==> flow/design.v <==
module u_arith_add_stage (aclk, valid, bus, init, q);
  parameter integer DATA_W = 24;
  parameter integer EXT = 4;
  input aclk;
  input valid;
  input [DATA_W-1:0] bus;
  input init;
  output [DATA_W+EXT-1:0] q;
  reg [DATA_W-1:0] bus_q;
  reg init_q;
  reg [DATA_W+EXT-1:0] state;
  assign q = state;
  always @(posedge aclk) begin
    if (valid) begin
      bus_q <= bus;
      init_q <= init;
      state <= init_q ? bus_q : state + bus_q;
    end
  end
endmodule
# From RTL to reports: u_arith_add_stage
# The steps from the RTL of u_arith_add_stage to its reports follow in flow order.
# Line numbers count from 1 in the design file above.
# Operators: Yosys type, input widths -> output width; for muxes data width and select width s.
# Library cell names are shortened.
# Not given: -
[design]
top_module = "u_arith_add_stage"
clock = "aclk"
cell_library = "sky130hd"
pvt_corner = "tt_025C_1v80"

# Word-level counts
# Yosys after proc, flatten, opt, wreduce and memory -nomap, before mapping. Enables and synchronous resets that opt folds into registers are not counted as muxes. Memory bits, and registers merged into a memory's read port (data or address), are not among the register bits. Print and check cells are not counted. Equal cells are merged and count once.
[word_totals]
inputBits = 27
ff_bits = 53
elab_cells = 6
[classes]
addsub = 1
n_mux = 1
[op_table]
columns = ["operator", "count"]
rows = [
  ["$add 28x24->28", 1],
  ["$mux 24", 1],
]

# Logic depth
# Depth = most cells in a row (Yosys ltp): at word level without a register or memory, in the mapped netlist without a sequential cell, where the memories' decode and read muxes count.
[logic_depth]
depth_word = 2
abc_area = 1
ltp_mapped = 12
ltp_nobuf = 12

# Netlist
# Yosys stat after the flow's synthesis: flattened, memories mapped to cells. It holds for the ABC_AREA given above (unset counts as 0); a run with the other value may have another netlist.
[by_type]
columns = ["type", "count", "type_area_um2"]
rows = [
  ["edfxtp_1", 53, 1.59E+03],
  ["nand2_1", 238, 893.357],
  ["inv_1", 87, 326.563],
  ["ha_1", 24, 300.288],
  ["nand3_1", 36, 180.173],
  ["nor2_1", 32, 120.115],
  ["a21oi_1", 18, 90.086],
  ["nand2_2", 8, 50.048],
  ["nor2_2", 8, 50.048],
  ["nand3_2", 4, 40.038],
  ["xor2_1", 4, 35.034],
  ["nand4_1", 4, 25.024],
  ["or2_2", 4, 25.024],
  ["fa_1", 1, 20.019],
  ["and2_1", 3, 18.768],
  ["or2_1", 3, 18.768],
  ["nand3b_1", 2, 15.014],
  ["o21ai_0", 3, 15.014],
]
# Other cell types: 10; their cells: 13.
[synth_totals]
cells = 545
mapped_area_um2 = 3892.5
n_buf = 5
ff_cells = 53

# Path before layout
# OpenSTA on the mapped netlist: ideal clock, no wires. The path of least setup slack (recovery checks aside). Input and output delay are each 20% of the period. Register names are those of the netlist, which keeps one name where synthesis merged equal registers.
[synth_path]
path_type = "register to register"
from = "register state[0]"
to = "register state[8]"
path_delay_ps = 2031
t_first_pin_ps = 0
setup_time_ps = 254
slack_ps = 1259
tclk_ps = 3290
driving_pins = 10
arrival_ps = 1777
period_less_setup_slack_ps = 2031
# "path_delay_ps" is the arrival time less input delay plus setup time.
# "driving_pins" counts driving pins, that of a launching flip-flop among them; a cell with two outputs on the path counts twice.
# "period_less_setup_slack_ps" is the clock period less the worst setup slack; recovery checks do not enter. This is arithmetic on one report: input and output delays are still those of the set period (20% each).
# The rows between start and end are the longest chain of elaborated cells between them; the timing report does not say that the signal goes this way. Where chains are equally long, one stands for them.
# A line is the first line of the expression or statement that the cell stems from. Yosys adds cells for indexed reads and writes and turns some case tables into memories.
[synth_via]
path_cell_list = "edfxtp_1 -> ha_1 -> fa_1 -> nand2_1 -> nand3_1 -> nand3_1 -> nand2_2 -> or2_2 -> nand3_1 -> nand2_1"
elab_chain_len = 2
cells_between = 2
lines_between = 1
classes_between = "add/sub (1); mux (1)"
[synth_lines]
columns = ["item", "line_no", "source"]
rows = [
  ["from (decl)", 11, "reg [DATA_W+EXT-1:0] state;"],
  ["from (assign)", 17, "state <= init_q ? bus_q : state + bus_q;"],
  ["$add 28x24->28", 17, ""],
  ["$mux 24", 17, ""],
  ["to (assign)", 17, ""],
  ["to (decl)", 11, ""],
]

# Path in the finished layout
# Path of least setup slack in the final report of flow run 1 (OpenROAD, finished layout, wires in). Where an end is a register, its clock arrival counts in the times.
# The path's times are printed in steps of 10 ps; the period is the one set.
[layout_path]
path_type = "register to register"
from = "register state[0]"
to = "register state[8]"
arrival_ps = 2250
setup_time_ps = 240
tclk_ps = 2460
slack_ps = 270
driving_pins = 10
t_first_pin_ps = 300
# The rows between start and end are the longest chain of elaborated cells between them; the timing report does not say that the signal goes this way. Where chains are equally long, one stands for them.
[layout_via]
path_cell_list = "edfxtp_1 -> ha_1 -> fa_1 -> nand2_1 -> nand3_1 -> nand3_1 -> nand2_2 -> or2_2 -> nand3_1 -> nand2_1"
elab_chain_len = 2
cells_between = 2
lines_between = 1
classes_between = "add/sub (1); mux (1)"
[layout_lines]
columns = ["item", "line_no", "source"]
rows = [
  ["from (decl)", 11, "reg [DATA_W+EXT-1:0] state;"],
  ["from (assign)", 17, "state <= init_q ? bus_q : state + bus_q;"],
  ["$add 28x24->28", 17, ""],
  ["$mux 24", 17, ""],
  ["to (assign)", 17, ""],
  ["to (decl)", 11, ""],
]

# Settings and measured results of 3 stored flow runs for module u_arith_add_stage (sky130hd), not sorted in any way. The constraints put input and output delay at 20% of the set period each and load the outputs with 0.01 pF.
# "clock_period_reached_ps" is the run's clock period less its worst setup slack. It is reckoned from that one timing run; input and output delays stay at 20% of the period that was set.
# "worst_path_time_ps" = time allowed to the worst setup path (clock period - input delay - output delay, where it has them) - its slack; a late launch clock adds to it, a late capture clock takes from it.
# "power_total_mw" rests on the timing tool's default activity at the inputs, not on a simulated workload.
# "worst_path_time_ps" is given in steps of 10 ps.

[[run]]
name = "flow run 1"
[run.settings]
period_ns = 2.46
CORE_UTILIZATION = 34
PLACE_DENSITY_LB_ADDON = 0.29
TNS_END_PERCENT = 55
ABC_AREA = 1
CTS_CLUSTER_SIZE = 10
CTS_CLUSTER_DIAMETER = 385
CAP_MARGIN = 20
CORE_MARGIN = 2
SLEW_MARGIN = 20
[run.results]
fin_ws_ps = 273
hold_ws_ps = 556
worst_path_time_ps = 2190
path_kind = "register to register"
yosys.chip_area_um2 = 3892.5
final_setup_tns_ps = 0
power_total_mw = 3.310
finish.utilization_frac = 0.425
layout_stdcell_area_um2 = 4787.1
clock_period_reached_ps = 2187
die_area_um2 = 12319.9

[[run]]
name = "flow run 2"
[run.settings]
period_ns = 3.29
CAP_MARGIN = 20
CORE_MARGIN = 2
CORE_UTILIZATION = 40
SLEW_MARGIN = 20
[run.results]
die_area_um2 = 9340.3
clock_period_reached_ps = 2867
yosys.chip_area_um2 = 3433.3
worst_path_time_ps = 2870
path_kind = "register to register"
finish.utilization_frac = 0.505
layout_stdcell_area_um2 = 4167.8
power_total_mw = 2.317
fin_ws_ps = 423
final_setup_tns_ps = 0
hold_ws_ps = 578

[[run]]
name = "flow run 3"
[run.settings]
period_ns = 2.36
CORE_UTILIZATION = 61
CELL_PAD_IN_SITES_GLOBAL_PLACEMENT = 3
CELL_PAD_IN_SITES_DETAIL_PLACEMENT = 2
TNS_END_PERCENT = 70
ABC_AREA = 0
SLEW_MARGIN = 10
MAX_ROUTING_LAYER = "met5"
CAP_MARGIN = 20
CORE_MARGIN = 2
[run.results]
outcome = "no results, placement failed with GPL-0301"
